==> flow/design.v <==
module sync_mul_mod #(
    parameter int DATA_W = 16
) (
    input  logic clk,
    input  logic rst,
    input  logic [DATA_W-1:0] in_first,
    input  logic [DATA_W-1:0] in_second,
    input  logic in_clear,
    output logic [2*DATA_W-1:0] out_res,
    output logic out_fin
);
    localparam int SW = $clog2(DATA_W + 1);
    logic [DATA_W-1:0] mcand;
    logic [SW-1:0] left;
    always_ff @(posedge clk or posedge rst) begin
        if (rst) begin
            mcand <= 0;
            left <= 0;
        end else begin
            mcand <= in_clear ? in_first : mcand;
            left <= in_clear ? DATA_W : (left != 0) ? left - 1'b1 : left;
        end
    end
    logic [2*DATA_W-1:0] run_sum;
    logic [DATA_W:0] work;
    assign work = run_sum[2*DATA_W-1:DATA_W] + (run_sum[0] ? mcand : {DATA_W{1'b0}});
    always_ff @(posedge clk or posedge rst) begin
        if (rst) begin
            run_sum <= 0;
        end else begin
            run_sum <= in_clear ? {{DATA_W{1'b0}}, in_second} : (left != 0) ? {work, run_sum[DATA_W-1:1]} : run_sum;
        end
    end
    assign out_res = run_sum;
    assign out_fin = (left == 0);
endmodule
-- Reports on sync_mul_mod
Tool output for the design above, in the order of the flow.
Lines are those of the file above, counted from 1.
A cell with - has no value.
- top module: sync_mul_mod
- clock input: clk
- standard-cell library: sky130hd
- library corner: tt_025C_1v80

-- After elaboration
Counts by Yosys on the flattened word-level netlist (proc, flatten, opt, wreduce; memories kept). Register bits leave out memories and registers merged into their read ports (data or address). Print and check cells are left out. Cells with the same type and inputs are merged into one.
- noted register bits: 53
- cells after elaboration at 13
- noted input bits: 35
- output and inout port bits at 33
- mux-type cells at 5
- reduce/logical cells: 3
- add/sub/neg operators at 2
- operators by type and width (cell ; count):
    two-way mux 32 bit ; 2
    adder 16 x 16 -> 17 bit ; 1
    two-way mux 16 bit ; 1
    two-way mux 5 bit ; 2
    subtractor 5 x 1 -> 5 bit (second input constant) ; 1
    zero test 5 bit ; 1
    nonzero test 5 bit ; 1
    nonzero test 2 bit ; 1

-- Logic depth
Yosys ltp: most cells in a row. Word level: on the elaborated netlist, between registers, memories and ports. Mapped: between sequential cells and ports; inverters and the memories' decode and read muxes count.
- depth after elaboration at 4
- ABC_AREA at 0
- mapped depth: 11
- noted depth with buffers taken out: 10

-- Mapped cells and area
The flow's flattened synthesis, as Yosys stat reports it; memories are mapped. The netlist is that of the ABC_AREA named above (0 if unset); the other value can give another one.
- cells in the netlist: 325
- noted flip-flop cells: 53
- sequential part of the area at 0.0013263 mm^2
- noted mapped area: 0.0031643 mm^2
- noted buffer cells: 17
- cell types (cell type ; count ; area in all (um^2)):
    sky130_fd_sc_hd__dfrtp_1 ; 53 ; 1.33E+03
    sky130_fd_sc_hd__ha_1 ; 18 ; 225.216
    sky130_fd_sc_hd__mux2_2 ; 16 ; 180.173
    sky130_fd_sc_hd__mux2i_1 ; 18 ; 180.173
    sky130_fd_sc_hd__nand2_1 ; 33 ; 123.869
    sky130_fd_sc_hd__a21oi_1 ; 23 ; 115.11
    sky130_fd_sc_hd__o21ai_0 ; 23 ; 115.11
    sky130_fd_sc_hd__and2_1 ; 16 ; 100.096
    sky130_fd_sc_hd__nor2_1 ; 21 ; 78.826
    sky130_fd_sc_hd__a211oi_1 ; 10 ; 75.072
    sky130_fd_sc_hd__a21o_1 ; 7 ; 52.55
    sky130_fd_sc_hd__xnor2_1 ; 5 ; 43.792
    sky130_fd_sc_hd__nand3_1 ; 7 ; 35.034
    sky130_fd_sc_hd__clkbuf_1 ; 9 ; 33.782
    sky130_fd_sc_hd__inv_1 ; 8 ; 30.029
    sky130_fd_sc_hd__nor3b_1 ; 4 ; 30.029
    sky130_fd_sc_hd__xor2_1 ; 3 ; 26.275
    sky130_fd_sc_hd__buf_2 ; 5 ; 25.024
Other cell types: 29; their cells: 46.

-- Timing after synthesis
Source: OpenSTA report_checks on the synthesized netlist (no wires, ideal clock, input and output delay 20% of the period each), path of least setup slack; recovery checks are left aside. Register names are those of the netlist, which keeps one name where synthesis merged equal registers.
- kind: reg2reg
- start: register run_sum[0]
- end: register run_sum[23]
- noted data required time: 3046 ps
- time at the first pin: 0 ps
- delay of the path at 2509 ps
- noted slack: 631 ps
- stages: 12
- clock period: 3140 ps
- library setup time: 94 ps
- arrival at 2415 ps
- path buffers: 1
- synthesis period reached: 2509 ps
"delay of the path" is the arrival time less input delay plus setup time.
"stages" counts driving pins, that of a launching flip-flop among them; a cell with two outputs on the path counts twice.
"synthesis period reached" = period - worst setup slack (recovery checks aside). The figure is calculated, with input and output delays left at 20% of the set period.
Between the ends stands the longest chain of elaborated cells between them, by number of cells; it is not shown to be the way that was timed. Of several equally long chains one is given.
Each line given opens the expression or statement behind the cell; cells for indexed reads and writes are added by Yosys, which also makes memories of some case tables.
- cells stage by stage: sky130_fd_sc_hd__dfrtp_1 -> sky130_fd_sc_hd__clkbuf_1 -> sky130_fd_sc_hd__and2_1 -> sky130_fd_sc_hd__ha_1 -> sky130_fd_sc_hd__inv_1 -> sky130_fd_sc_hd__fa_1 -> sky130_fd_sc_hd__and2b_1 -> sky130_fd_sc_hd__o21bai_4 -> sky130_fd_sc_hd__a31oi_4 -> sky130_fd_sc_hd__o22ai_1 -> sky130_fd_sc_hd__xor2_1 -> sky130_fd_sc_hd__a211oi_1
- cells in the longest elaborated chain: 4
- noted elaborated cells between the ends (all ways): 4
- noted source lines of those cells: 2
- classes of those cells: add/sub (1); mux (3)
- RTL lines, path post-synthesis (what ; RTL line ; RTL):
    from (decl) ; 24 ; logic [2*DATA_W-1:0] run_sum;
    from (assign) ; 29 ; run_sum <= 0;
    from (assign) ; 31 ; run_sum <= in_clear ? {{DATA_W{1'b0}}, in_second} : (left != 0) ? {work, run_sum[DATA_W-1:1]} : run_sum;
    two-way mux 16 bit ; 26 ; assign work = run_sum[2*DATA_W-1:DATA_W] + (run_sum[0] ? mcand : {DATA_W{1'b0}});
    adder 16 x 16 -> 17 bit ; 26 ;
    two-way mux 32 bit (2 in a row) ; 31 ;
    to (assign) ; 29 ;
    to (assign) ; 31 ;
    to (decl) ; 24 ;

-- Worst path after layout
From the final timing report of record 1: the path of least setup slack in the routed layout; clock arrival at registers is part of the times.
The path's times are printed in steps of 10 ps; the period is the one set.
- kind: reg2reg
- start: register run_sum[0]
- end: register run_sum[31]
- stages: 11
- time at the first pin: 310 ps
- library setup time: 80 ps
- noted slack: 510 ps
- path buffers: 0
- arrival at 2850 ps
- noted data required time: 3370 ps
- clock period: 3140 ps
Between the ends stands the longest chain of elaborated cells between them, by number of cells; it is not shown to be the way that was timed. Of several equally long chains one is given.
- cells stage by stage: sky130_fd_sc_hd__dfrtp_1 -> sky130_fd_sc_hd__and2_1 -> sky130_fd_sc_hd__ha_1 -> sky130_fd_sc_hd__inv_1 -> sky130_fd_sc_hd__fa_1 -> sky130_fd_sc_hd__and2b_1 -> sky130_fd_sc_hd__o21bai_4 -> sky130_fd_sc_hd__a31oi_4 -> sky130_fd_sc_hd__a21o_1 -> sky130_fd_sc_hd__o2111ai_1 -> sky130_fd_sc_hd__a211oi_1
- cells in the longest elaborated chain: 4
- noted elaborated cells between the ends (all ways): 4
- noted source lines of those cells: 2
- classes of those cells: add/sub (1); mux (3)
- RTL lines, path after layout (what ; RTL line ; RTL):
    from (decl) ; 24 ; logic [2*DATA_W-1:0] run_sum;
    from (assign) ; 29 ; run_sum <= 0;
    from (assign) ; 31 ; run_sum <= in_clear ? {{DATA_W{1'b0}}, in_second} : (left != 0) ? {work, run_sum[DATA_W-1:1]} : run_sum;
    two-way mux 16 bit ; 26 ; assign work = run_sum[2*DATA_W-1:DATA_W] + (run_sum[0] ? mcand : {DATA_W{1'b0}});
    adder 16 x 16 -> 17 bit ; 26 ;
    two-way mux 32 bit (2 in a row) ; 31 ;
    to (assign) ; 29 ;
    to (assign) ; 31 ;
    to (decl) ; 24 ;

--- measured runs ---
Design sync_mul_mod on sky130hd. What follows are 3 stored runs of the flow, each under its own settings; their order means nothing. The constraints put input and output delay at 20% of the set period each and load the outputs with 0.01 pF.
"total power after layout" is the tool's figure for a default switching activity; nothing was simulated.

Record 1

==> flow/run.sh <==
#!/bin/bash
# the make line also repeats the synthesis and layout settings of config.mk as NAME=value (left out here)
make -C /OpenROAD-flow-scripts/flow DESIGN_CONFIG=/design/flow/config.mk WORK_HOME=/design/flow/orfs CLKGATE_MAP_FILE= finish
==> flow/config.mk <==
export PLATFORM = sky130hd
export DESIGN_NAME = sync_mul_mod
export DESIGN_NICKNAME = sync_mul_mod
export VERILOG_FILES = /design/flow/design.v
export SDC_FILE = /design/flow/constraint.sdc
export NUM_CORES = 4
export LEC_CHECK = 0
export CAP_MARGIN = 20
export CORE_MARGIN = 2
export CORE_UTILIZATION = 40
export SLEW_MARGIN = 20
==> flow/constraint.sdc <==
create_clock -name core_clock -period 3.14 [get_ports {clk}]
set_input_delay 0.6280 -clock core_clock [delete_from_list [all_inputs] [get_ports {clk}]]
set_output_delay 0.6280 -clock core_clock [all_outputs]
set_load 0.01 [all_outputs]

Measured in record 1:
- noted the total power after layout: 2765 µW
- noted the smallest setup slack: 511 ps
- noted the total negative slack on setup checks: 0 ps
- area of the die at 0.0086378 mm^2
- noted the utilization after routing: 0.528
- Yosys chip area after synthesis: 0.0031643 mm^2
- noted the worst hold slack in the final report: 510 ps

Record 2

==> flow/run.sh <==
#!/bin/bash
# the make line also repeats the synthesis and layout settings of config.mk as NAME=value (left out here)
make -C /OpenROAD-flow-scripts/flow DESIGN_CONFIG=/design/flow/config.mk WORK_HOME=/design/flow/orfs CLKGATE_MAP_FILE= finish
==> flow/config.mk <==
export PLATFORM = sky130hd
export DESIGN_NAME = sync_mul_mod
export DESIGN_NICKNAME = sync_mul_mod
export VERILOG_FILES = /design/flow/design.v
export SDC_FILE = /design/flow/constraint.sdc
export NUM_CORES = 4
export LEC_CHECK = 0
export CAP_MARGIN = 30
export CORE_MARGIN = 2
export CORE_UTILIZATION = 22
export CTS_CLUSTER_DIAMETER = 20
export GPL_ROUTABILITY_DRIVEN = 0
export GPL_TIMING_DRIVEN = 1
export PLACE_DENSITY_LB_ADDON = 0.13
export SLEW_MARGIN = 5
==> flow/constraint.sdc <==
create_clock -name core_clock -period 4.42 [get_ports {clk}]
set_input_delay 0.8840 -clock core_clock [delete_from_list [all_inputs] [get_ports {clk}]]
set_output_delay 0.8840 -clock core_clock [all_outputs]
set_load 0.01 [all_outputs]

Measured in record 2:
- noted the total power after layout: 2061 µW
- noted the smallest setup slack: 1617 ps
- noted the total negative slack on setup checks: 0 ps
- area of the die at 0.0153586 mm^2
- noted the utilization after routing: 0.298
- Yosys chip area after synthesis: 0.0031643 mm^2
- noted the worst hold slack in the final report: 507 ps

Record 3

==> flow/run.sh <==
#!/bin/bash
# the make line also repeats the synthesis and layout settings of config.mk as NAME=value (left out here)
make -C /OpenROAD-flow-scripts/flow DESIGN_CONFIG=/design/flow/config.mk WORK_HOME=/design/flow/orfs CLKGATE_MAP_FILE= finish
==> flow/config.mk <==
export PLATFORM = sky130hd
export DESIGN_NAME = sync_mul_mod
export DESIGN_NICKNAME = sync_mul_mod
export VERILOG_FILES = /design/flow/design.v
export SDC_FILE = /design/flow/constraint.sdc
export NUM_CORES = 4
export LEC_CHECK = 0
export CAP_MARGIN = 20
export CELL_PAD_IN_SITES_DETAIL_PLACEMENT = 1
export CELL_PAD_IN_SITES_GLOBAL_PLACEMENT = 2
export CORE_ASPECT_RATIO = 0.69
export CORE_MARGIN = 2
export CORE_UTILIZATION = 60
export MAX_ROUTING_LAYER = met4
export PLACE_DENSITY = 0.88
export SETUP_SLACK_MARGIN = 0.72
export SLEW_MARGIN = 5
export TNS_END_PERCENT = 20
==> flow/constraint.sdc <==
create_clock -name core_clock -period 3.45 [get_ports {clk}]
set_input_delay 0.6900 -clock core_clock [delete_from_list [all_inputs] [get_ports {clk}]]
set_output_delay 0.6900 -clock core_clock [all_outputs]
set_load 0.01 [all_outputs]

Record 3: no final report: placement broke off with GPL-0301.
--- end ---
